==> flow/design.v <==
module sum_block_n #(
  parameter XLEN = 10
) (
  input logic clk,
  input logic rst_n,
  input logic [XLEN-1:0] rs1,
  input logic [XLEN-1:0] rs2,
  input logic c0,
  output logic [XLEN-1:0] s,
  output logic co
);
  logic [XLEN-1:0] rs1_reg;
  logic [XLEN-1:0] rs2_reg;
  logic c0_reg;
  logic [XLEN-1:0] tmp;
  logic cy;
  always_comb begin
    cy = c0_reg;
    for (int i = 0; i < XLEN; i++) begin
      tmp[i] = rs1_reg[i] ^ rs2_reg[i] ^ cy;
      cy = (rs1_reg[i] & rs2_reg[i]) | (cy & (rs1_reg[i] | rs2_reg[i]));
    end
  end
  assign s = tmp;
  assign co = cy;
  always_ff @(posedge clk) begin
    if (~rst_n) begin
      rs1_reg <= '0;
      rs2_reg <= '0;
      c0_reg <= 1'b0;
    end else begin
      rs1_reg <= rs1;
      rs2_reg <= rs2;
      c0_reg <= c0;
    end
  end
endmodule
==> reports on sum_block_n <==
=== Reports on sum_block_n ===
A sweep over "XLEN": the same steps for each member of the family.
The file above is the member XLEN = 10. Line numbers count from 1 in each member's own file.
Operators carry their Yosys type and port widths (W data, S select, Z words).
Cell names lack the library's common part.
The mark - stands for no value.

* Top: sum_block_n
* Clock port: clk
* Library: sky130hd
* Library corner: tt_025C_1v80

=== Source of the members ===
Lines of each other member's file that are new or changed against the file above; lines that a member lacks are not shown.

{| class="wikitable"
|+ New or changed lines
! XLEN !! line !! text
|-
| 72 || 2 || <nowiki>parameter XLEN = 72</nowiki>
|-
| 80 || 2 || <nowiki>parameter XLEN = 80</nowiki>
|-
| 96 || 2 || <nowiki>parameter XLEN = 96</nowiki>
|-
| 128 || 2 || <nowiki>parameter XLEN = 128</nowiki>
|}

=== Elaborated design ===
Counts by Yosys on the flattened word-level netlist (proc, flatten, opt, wreduce; memories kept). Register bits leave out memories and registers merged into their read ports (data or address); mux counts leave out enables and synchronous resets folded into registers. Print and check cells are left out. Cells with the same type and inputs are merged into one.

{| class="wikitable"
|+ Operators by class
! XLEN !! bitwise gates (word level)
|-
| 10 || 60
|-
| 72 || 432
|-
| 80 || 480
|-
| 96 || 576
|-
| 128 || 768
|}

{| class="wikitable"
|+ Operators with widths
! XLEN !! kinds with counts
|-
| 10 || 20 x $and A1 B1 Y1; 20 x $or A1 B1 Y1; 20 x $xor A1 B1 Y1
|-
| 72 || 144 x $and A1 B1 Y1; 144 x $or A1 B1 Y1; 144 x $xor A1 B1 Y1
|-
| 80 || 160 x $and A1 B1 Y1; 160 x $or A1 B1 Y1; 160 x $xor A1 B1 Y1
|-
| 96 || 192 x $and A1 B1 Y1; 192 x $or A1 B1 Y1; 192 x $xor A1 B1 Y1
|-
| 128 || 256 x $and A1 B1 Y1; 256 x $or A1 B1 Y1; 256 x $xor A1 B1 Y1
|}

{| class="wikitable"
|+ Bit counts
! XLEN !! elaborated cells !! input bits !! output and inout bits !! flip-flop bits (word level)
|-
| 10 || 63 || 23 || 11 || 21
|-
| 72 || 435 || 147 || 73 || 145
|-
| 80 || 483 || 163 || 81 || 161
|-
| 96 || 579 || 195 || 97 || 193
|-
| 128 || 771 || 259 || 129 || 257
|}

=== Longest topological paths ===
Yosys ltp: most cells in a row. Word level: on the elaborated netlist, between registers, memories and ports. Mapped: between sequential cells and ports; inverters and the memories' decode and read muxes count.

{| class="wikitable"
|+ Depth
! XLEN !! depth after elaboration !! ABC_AREA !! mapped depth !! depth with buffers taken out
|-
| 10 || 21 || 0 || 14 || 14
|-
| 72 || 145 || 0 || 76 || 76
|-
| 80 || 161 || 0 || 84 || 84
|-
| 96 || 193 || 0 || 100 || 100
|-
| 128 || 257 || 0 || 132 || 132
|}

=== After synthesis ===
The flow's flattened synthesis, as Yosys stat reports it; memories are mapped. The netlist is that of the ABC_AREA named above (0 if unset); the other value can give another one.
Totals and module areas in this step are rounded.

{| class="wikitable"
|+ Cell types
! XLEN !! type and count
|-
| 10 || 21 x dfxtp_1; 10 x fa_1; 15 x and2_2; 6 x and2_1; 10 x inv_1; 2 x buf_6
|-
| 72 || 145 x dfxtp_1; 72 x fa_1; 103 x and2_1; 37 x and2_4; 6 x buf_6; 9 x clkbuf_2; 5 x and2_2; 10 x inv_1; 1 x buf_12
|-
| 80 || 161 x dfxtp_1; 80 x fa_1; 161 x and2_1; 10 x buf_6; 10 x inv_1; 7 x buf_2
|-
| 96 || 193 x dfxtp_1; 96 x fa_1; 193 x and2_1; 19 x buf_6; 10 x inv_1; 2 x buf_2
|-
| 128 || 257 x dfxtp_1; 128 x fa_1; 257 x and2_1; 23 x clkbuf_2; 10 x inv_1; 2 x clkbuf_4; 2 x clkbuf_1; 1 x buf_2
|}

{| class="wikitable"
|+ Synthesis totals
! XLEN !! chip area (Yosys) (mm2) !! mapped flip-flops !! sequential part of the area (mm2) !! buffer cells !! standard cells after synthesis
|-
| 10 || 0.00083 || 21 || 0.00042 || 2 || 64
|-
| 72 || 0.0055 || 145 || 0.0029 || 16 || 388
|-
| 80 || 0.006 || 161 || 0.0032 || 17 || 429
|-
| 96 || 0.0073 || 193 || 0.0039 || 21 || 513
|-
| 128 || 0.0095 || 257 || 0.0051 || 28 || 680
|}

=== Timing after synthesis ===
Path of least setup slack by OpenSTA after synthesis, without wires, with an ideal clock, recovery checks aside; 20% of the period is set as input and as output delay. Where synthesis merged equal registers, the netlist keeps one of their names.

{| class="wikitable"
|+ Timing path after synthesis
! XLEN !! path type !! start !! end !! period (ns) !! stages on the path !! delay of the path (ns) !! slack (ns) !! period reached after synthesis (ns)
|-
| 10 || register to output || reg rs1_reg[0] || out s[9] || 6.45 || 15 || 4.130 || 1.030 || 5.42
|-
| 72 || register to output || reg rs1_reg[0] || out s[71] || 43.2 || 77 || 27.673 || 6.887 || 36.313
|-
| 80 || register to output || reg rs1_reg[0] || out s[79] || 48.0 || 85 || 30.711 || 7.689 || 40.311
|-
| 96 || register to output || reg rs1_reg[0] || out s[95] || 57.5 || 101 || 36.787 || 9.213 || 48.287
|-
| 128 || register to output || reg rs1_reg[0] || out s[127] || 76.5 || 133 || 48.938 || 12.262 || 64.238
|}

"delay of the path" is the arrival time less input delay plus setup time.
At an output port there is no setup time.
"stages on the path" counts driving pins, that of a launching flip-flop among them; a cell with two outputs on the path counts twice.
"period reached after synthesis" = period - worst setup slack (recovery checks aside). The figure is calculated, with input and output delays left at 20% of the set period.
The rows between start and end are the longest chain of elaborated cells between them; the timing report does not say that the signal goes this way. Where chains are equally long, one stands for them.
A line is the first line of the expression or statement that the cell stems from. Yosys adds cells for indexed reads and writes and turns some case tables into memories.

Between the ends, after synthesis, XLEN = 10:
* Length of the longest elaborated chain: 20

{| class="wikitable"
|+ Ends and longest elaborated chain, after synthesis, XLEN = 10
! what !! line !! text
|-
| start: declaration || 12 || <nowiki>logic [XLEN-1:0] rs1_reg;</nowiki>
|-
| start: assignment || 28 || <nowiki>rs1_reg <= '0;</nowiki>
|-
| start: assignment || 32 || <nowiki>rs1_reg <= rs1;</nowiki>
|-
| $or A1 B1 Y1 || 21 || <nowiki>cy = (rs1_reg[i] & rs2_reg[i]) | (cy & (rs1_reg[i] | rs2_reg[i]));</nowiki>
|-
| $and A1 B1 Y1 || 21 ||
|-
| $or A1 B1 Y1 || 21 ||
|-
| $and A1 B1 Y1 || 21 ||
|-
| $or A1 B1 Y1 || 21 ||
|-
| $and A1 B1 Y1 || 21 ||
|-
| $or A1 B1 Y1 || 21 ||
|-
| [... 6 more ...] || - ||
|-
| $and A1 B1 Y1 || 21 ||
|-
| $or A1 B1 Y1 || 21 ||
|-
| $and A1 B1 Y1 || 21 ||
|-
| $or A1 B1 Y1 || 21 ||
|-
| $and A1 B1 Y1 || 21 ||
|-
| $or A1 B1 Y1 || 21 ||
|-
| $xor A1 B1 Y1 || 20 || <nowiki>tmp[i] = rs1_reg[i] ^ rs2_reg[i] ^ cy;</nowiki>
|-
| end: declaration || 9 || <nowiki>output logic [XLEN-1:0] s,</nowiki>
|}

Between the ends, after synthesis, XLEN = 128:
* Length of the longest elaborated chain: 256

{| class="wikitable"
|+ Ends and longest elaborated chain, after synthesis, XLEN = 128
! what !! line !! text
|-
| start: declaration || 12 || <nowiki>logic [XLEN-1:0] rs1_reg;</nowiki>
|-
| start: assignment || 28 || <nowiki>rs1_reg <= '0;</nowiki>
|-
| start: assignment || 32 || <nowiki>rs1_reg <= rs1;</nowiki>
|-
| $or A1 B1 Y1 || 21 || <nowiki>cy = (rs1_reg[i] & rs2_reg[i]) | (cy & (rs1_reg[i] | rs2_reg[i]));</nowiki>
|-
| $and A1 B1 Y1 || 21 ||
|-
| $or A1 B1 Y1 || 21 ||
|-
| $and A1 B1 Y1 || 21 ||
|-
| $or A1 B1 Y1 || 21 ||
|-
| $and A1 B1 Y1 || 21 ||
|-
| $or A1 B1 Y1 || 21 ||
|-
| [... 242 more ...] || - ||
|-
| $and A1 B1 Y1 || 21 ||
|-
| $or A1 B1 Y1 || 21 ||
|-
| $and A1 B1 Y1 || 21 ||
|-
| $or A1 B1 Y1 || 21 ||
|-
| $and A1 B1 Y1 || 21 ||
|-
| $or A1 B1 Y1 || 21 ||
|-
| $xor A1 B1 Y1 || 20 || <nowiki>tmp[i] = rs1_reg[i] ^ rs2_reg[i] ^ cy;</nowiki>
|-
| end: declaration || 9 || <nowiki>output logic [XLEN-1:0] s,</nowiki>
|}

=== Timing after layout ===
Path of least setup slack in the final report of each member's run (OpenROAD, finished layout, wires in). Where an end is a register, its clock arrival counts in the times.

{| class="wikitable"
|+ Timing path after layout
! XLEN !! path type !! start !! end !! path buffers !! arrival (ns) !! slack (ns) !! period (ns) !! stages on the path
|-
| 10 || register to output || reg rs1_reg[0] || out co || 1 || 4.69 || 0.47 || 6.45 || 16
|-
| 72 || register to output || reg rs1_reg[0] || out s[71] || 1 || 29.77 || 4.79 || 43.2 || 78
|-
| 80 || register to output || reg rs1_reg[0] || out s[79] || 1 || 33.00 || 5.40 || 48.0 || 86
|-
| 96 || register to output || reg rs1_reg[0] || out s[95] || 1 || 39.41 || 6.59 || 57.5 || 102
|-
| 128 || register to output || reg rs1_reg[0] || out s[127] || 1 || 51.99 || 9.21 || 76.5 || 134
|}

=== Layout results ===
Settings and results of one run of the flow (Yosys, OpenROAD) for each member follow. The constraints put input and output delay at 20% of the set period each and load the outputs with 0.01 pF.

* CAP_MARGIN: 20
* CORE_MARGIN: 2
* CORE_UTILIZATION: 40
* SLEW_MARGIN: 20

{| class="wikitable"
|+ Settings by member
! XLEN !! period_ns
|-
| 10 || 6.45
|-
| 72 || 43.2
|-
| 80 || 48.0
|-
| 96 || 57.5
|-
| 128 || 76.5
|}

{| class="wikitable"
|+ Final reports
! XLEN !! smallest hold slack (ns) !! total power of the final layout (W) !! setup slack of the critical path (ns) !! achieved clock period (ns) !! area of the synthesized netlist (mm2) !! final utilization (%) !! overall die area (mm2)
|-
| 10 || 1.6 || 0.00025 || 0.47 || 5.980 || 0.00083 || 61 || 0.0025
|-
| 72 || 8.8 || 0.00035 || 4.8 || 38.406 || 0.0055 || 63 || 0.015
|-
| 80 || 9.8 || 0.00035 || 5.4 || 42.595 || 0.006 || 63 || 0.016
|-
| 96 || 12 || 0.00032 || 6.6 || 50.911 || 0.0073 || 60 || 0.019
|-
| 128 || 15 || 0.00033 || 9.2 || 67.288 || 0.0095 || 62 || 0.025
|}

"achieved clock period" is the run's clock period less its worst setup slack. It is reckoned from that one timing run; input and output delays stay at 20% of the period that was set.
"total power of the final layout" rests on the timing tool's default activity at the inputs, not on a simulated workload.
Measured values are rounded.
